==> flow/design.v <==
module mult_rtl #(
    parameter int DWIDTH = 20
) (
    input  logic aclk,
    input  logic rst_ni,
    input  logic [DWIDTH-1:0] arg0,
    input  logic [DWIDTH-1:0] arg1,
    output logic [2*DWIDTH-1:0] res
);
    logic [DWIDTH-1:0] arg0_s;
    logic [DWIDTH-1:0] arg1_s;
    localparam int HALF = DWIDTH / 2;
    logic [DWIDTH-1:0] ll;
    half_mul #(.N(HALF)) el (.a(arg0_s[HALF-1:0]), .b(arg1_s[HALF-1:0]), .p(ll));
    logic [DWIDTH-1:0] lh;
    half_mul #(.N(HALF)) inst (.a(arg0_s[HALF-1:0]), .b(arg1_s[DWIDTH-1:HALF]), .p(lh));
    logic [DWIDTH-1:0] hl;
    half_mul #(.N(HALF)) i_sub (.a(arg0_s[DWIDTH-1:HALF]), .b(arg1_s[HALF-1:0]), .p(hl));
    logic [DWIDTH-1:0] hh;
    half_mul #(.N(HALF)) u0 (.a(arg0_s[DWIDTH-1:HALF]), .b(arg1_s[DWIDTH-1:HALF]), .p(hh));
    logic [DWIDTH-1:0] ll_s;
    logic [DWIDTH-1:0] lh_s;
    logic [DWIDTH-1:0] hl_s;
    logic [DWIDTH-1:0] hh_s;
    logic [DWIDTH:0] w2;
    assign w2 = lh_s + hl_s;
    always_ff @(posedge aclk or negedge rst_ni) begin
        if (~rst_ni) begin
            arg0_s <= '0;
            arg1_s <= '0;
            ll_s <= '0;
            lh_s <= '0;
            hl_s <= '0;
            hh_s <= '0;
            res <= '0;
        end else begin
            arg0_s <= arg0;
            arg1_s <= arg1;
            ll_s <= ll;
            lh_s <= lh;
            hl_s <= hl;
            hh_s <= hh;
            res <= {hh_s, ll_s} + {w2, {HALF{1'b0}}};
        end
    end
endmodule
module half_mul #(parameter N = 4) (
    input logic [N-1:0] a,
    input logic [N-1:0] b,
    output logic [2*N-1:0] p
);
    assign p = a * b;
endmodule
# ---- From RTL to reports: mult_rtl
# Tool output for the design above, in the order of the flow.
# Line numbers count from 1 in the design file above.
# Library cell names are shortened.
# A cell with - has no value.
dict set report design {
  top {mult_rtl}
  clk_port {aclk}
  cell_library {sky130hd}
  pvt_corner {tt_025C_1v80}
}

# ---- After elaboration
# Source: Yosys, flattened and elaborated, memories not mapped. Widths are those after wreduce; folded enables and synchronous resets count as part of the registers. Registers that Yosys merges into a memory's read port (data or address) are not register bits. Print and check cells do not count. Equal cells are merged and count once.
dict set report word_totals {
  out_inout_bits 40
  regBits 160
}
dict set report classes {
  addsub 2
  multipliers 4
}
# cell n
set op_table {}
lappend op_table {{multiplier 10 x 10 -> 20 bit} 4}
lappend op_table {{adder 40 x 31 -> 40 bit} 1}
lappend op_table {{adder 20 x 20 -> 21 bit} 1}

# ---- Longest topological paths
# Longest topological path by Yosys (ltp), each cell counted once; first at word level (registers and memories cut), then after technology mapping (sequential cells cut; the memories' decode and read muxes count).
dict set report depth {
  ltp_word 2
  ABC_AREA 0
  ltp_mapped 21
  mapped_depth_nobuf 20
}

# ---- Mapped cells and area
# Source: synth_stat.txt of the flow (Yosys; design flattened, memories mapped). It holds for the ABC_AREA given above (unset counts as 0); a run with the other value may have another netlist.
# Totals and module areas in this step are rounded.
# cell n
set by_type {}
lappend by_type {fa_1 250}
lappend by_type {dfrtp_1 160}
lappend by_type {ha_1 261}
lappend by_type {and2_1 255}
lappend by_type {inv_1 285}
lappend by_type {nand2_1 187}
lappend by_type {xnor2_1 77}
lappend by_type {a21oi_1 73}
lappend by_type {clkbuf_1 81}
lappend by_type {a21o_1 36}
lappend by_type {xor2_1 30}
lappend by_type {nor2_1 64}
lappend by_type {o21ai_0 33}
lappend by_type {o21a_1 14}
lappend by_type {o21bai_1 11}
lappend by_type {nor3_1 16}
lappend by_type {nand3_1 15}
lappend by_type {a31oi_1 9}
# Not listed: further types 39, cells in them 99.
dict set report synth_totals {
  yosys_area_mm2 0.0191
  flip_flops 160
  cell_count 1956
  sequential_area_mm2 0.004
}
# By module: a second synthesis without flattening, with its own total; a netlist apart from the flattened one above.
dict set report hier_totals {
  hier_cells 2075
  hier_area_mm2 0.0199
}
# Each row is one instance without its submodules.
# mod mod_area_mm2 n_cells seq_area_mm2 n_inst
set modules {}
lappend modules {{half_mul (N=10)} 0.00338 395 0 4}
lappend modules {mult_rtl 0.00641 495 0.004 1}

# ---- Timing after synthesis
# OpenSTA on the mapped netlist: ideal clock, no wires. The path of least setup slack (recovery checks aside). Input and output delay are each 20% of the period. Register names are those of the netlist, which keeps one name where synthesis merged equal registers.
dict set report synth_timing {
  kind {register to register}
  from {register arg1_s[11]}
  to {register hh_s[19]}
  delay_ns 5.277
  path_stages 22
  t_first_pin_ns 0.000
  slack_ns 1.323
  arrival_time_ns 5.198
  tclk_ns 6.6
  required_time_ns 6.521
  setup_ns 0.079
  period_less_setup_slack_ns 5.277
}
# "delay_ns" is the arrival time less input delay plus setup time.
# "path_stages": output pins that drive a net of the path, with the launching flip-flop's if there is one; two outputs of one cell count as two.
# "period_less_setup_slack_ns" = period - worst setup slack (recovery checks aside). The figure is calculated, with input and output delays left at 20% of the set period.
# Between the ends stands the longest chain of elaborated cells between them, by number of cells; it is not shown to be the way that was timed. Of several equally long chains one is given.
# A line is the first line of the expression or statement that the cell stems from. Yosys adds cells for indexed reads and writes and turns some case tables into memories.
dict set report synth_via {
  cell_sequence {dfrtp_1 clkbuf_1 nand2_1 fa_1 inv_1 fa_1 inv_1 fa_1 inv_1 fa_1 inv_1 fa_1 inv_1 ha_1 nor3_1 o2111ai_1 a41oi_1 o21ai_1 a2111oi_1 o41ai_1 a21oi_1 xor2_1}
  elab_chain_cells 1
  cells_between 1
  cone_lines 1
}
# item line
set synth_lines {}
lappend synth_lines {{start: declaration} 11} ;# logic [DWIDTH-1:0] arg1_s;
lappend synth_lines {{start: assignment} 30} ;# arg1_s <= '0;
lappend synth_lines {{start: assignment} 38} ;# arg1_s <= arg1;
lappend synth_lines {{multiplier 10 x 10 -> 20 bit} 52} ;# assign p = a * b;
lappend synth_lines {{end: assignment} 34} ;# hh_s <= '0;
lappend synth_lines {{end: assignment} 42} ;# hh_s <= hh;
lappend synth_lines {{end: declaration} 24} ;# logic [DWIDTH-1:0] hh_s;

# ---- Path in the finished layout
# From the final timing report of record 1: the path of least setup slack in the routed layout; clock arrival at registers is part of the times.
dict set report layout_timing {
  kind {register to register}
  from {register arg0_s[14]}
  to {register hl_s[17]}
  t_first_pin_ns 0.49
  tclk_ns 5.59
  path_stages 20
  required_time_ns 6.01
  slack_ns 0.27
  setup_ns 0.07
  arrival_time_ns 5.74
}
# Between the ends stands the longest chain of elaborated cells between them, by number of cells; it is not shown to be the way that was timed. Of several equally long chains one is given.
dict set report layout_via {
  cell_sequence {dfrtp_1 buf_4 nand2_1 fa_1 fa_1 inv_1 fa_1 fa_1 inv_1 fa_1 inv_1 ha_1 a21oi_1 o21bai_1 a21o_1 a21o_1 a21oi_1 nor2_1 a2111oi_1 xnor2_1}
  elab_chain_cells 1
  cells_between 1
  cone_lines 1
}
# item line
set layout_lines {}
lappend layout_lines {{start: declaration} 10} ;# logic [DWIDTH-1:0] arg0_s;
lappend layout_lines {{start: assignment} 29} ;# arg0_s <= '0;
lappend layout_lines {{start: assignment} 37} ;# arg0_s <= arg0;
lappend layout_lines {{multiplier 10 x 10 -> 20 bit} 52} ;# assign p = a * b;
lappend layout_lines {{end: assignment} 33} ;# hl_s <= '0;
lappend layout_lines {{end: assignment} 41} ;# hl_s <= hl;
lappend layout_lines {{end: declaration} 23} ;# logic [DWIDTH-1:0] hl_s;

; Measured data: module mult_rtl, platform sky130hd, 3 stored runs of the flow under differing settings, order arbitrary. Input and output delays are each 20% of the period that was set; the output load is 0.01 pF.
; "clock_period_reached_ns" = clock period - worst setup slack. The figure is calculated, with input and output delays left at 20% of the set period.
; By "critical_path_time_ns" is meant the share of the clock period that the worst setup path is allowed (20% is reserved at inputs, 20% at outputs), minus its slack. Clock arrival times at its registers enter into it.
; "fin_power_uw": no workload was simulated; the value follows from the tool's default switching activity.
; The results are shown rounded.

[record 1: settings]
period_ns = 5.59
CORE_UTILIZATION = 30
CELL_PAD_IN_SITES_DETAIL_PLACEMENT = 1
TNS_END_PERCENT = 30
GPL_TIMING_DRIVEN = 1
CTS_CLUSTER_SIZE = 40
CAP_MARGIN = 20
CORE_MARGIN = 2
SLEW_MARGIN = 20
[record 1: results]
synth_chip_area_mm2 = 0.0191
design_die_area_mm2 = 0.0657
layout_stdcell_area_mm2 = 0.0217
finalUtil_frac = 0.344
ws_setup_ns = 0.269
timing.setup.tns_ns = 0.000
holdWs_ns = 0.350
fin_power_uw = 12700
clock_period_reached_ns = 5.321
critical_path_time_ns = 5.32
critical_path_type = register to register

[record 2: settings]
period_ns = 5.76
CORE_UTILIZATION = 31
SETUP_SLACK_MARGIN = 1.36
HOLD_SLACK_MARGIN = 0.06
TNS_END_PERCENT = 15
ABC_AREA = 0
GPL_ROUTABILITY_DRIVEN = 0
CTS_CLUSTER_DIAMETER = 163
CAP_MARGIN = 0
SLEW_MARGIN = 10
CORE_MARGIN = 2
[record 2: results]
synth_chip_area_mm2 = 0.0191
design_die_area_mm2 = 0.0636
layout_stdcell_area_mm2 = 0.0229
finalUtil_frac = 0.378
ws_setup_ns = 0.791
timing.setup.tns_ns = 0.000
holdWs_ns = 0.348
fin_power_uw = 13000
clock_period_reached_ns = 4.969
critical_path_time_ns = 4.97
critical_path_type = register to register

[record 3: settings]
period_ns = 6.6
CAP_MARGIN = 20
CORE_MARGIN = 2
CORE_UTILIZATION = 40
SLEW_MARGIN = 20
[record 3: results]
synth_chip_area_mm2 = 0.0191
design_die_area_mm2 = 0.0495
layout_stdcell_area_mm2 = 0.0211
finalUtil_frac = 0.445
ws_setup_ns = 0.715
timing.setup.tns_ns = 0.000
holdWs_ns = 0.349
fin_power_uw = 10200
clock_period_reached_ns = 5.885
critical_path_time_ns = 5.89
critical_path_type = register to register
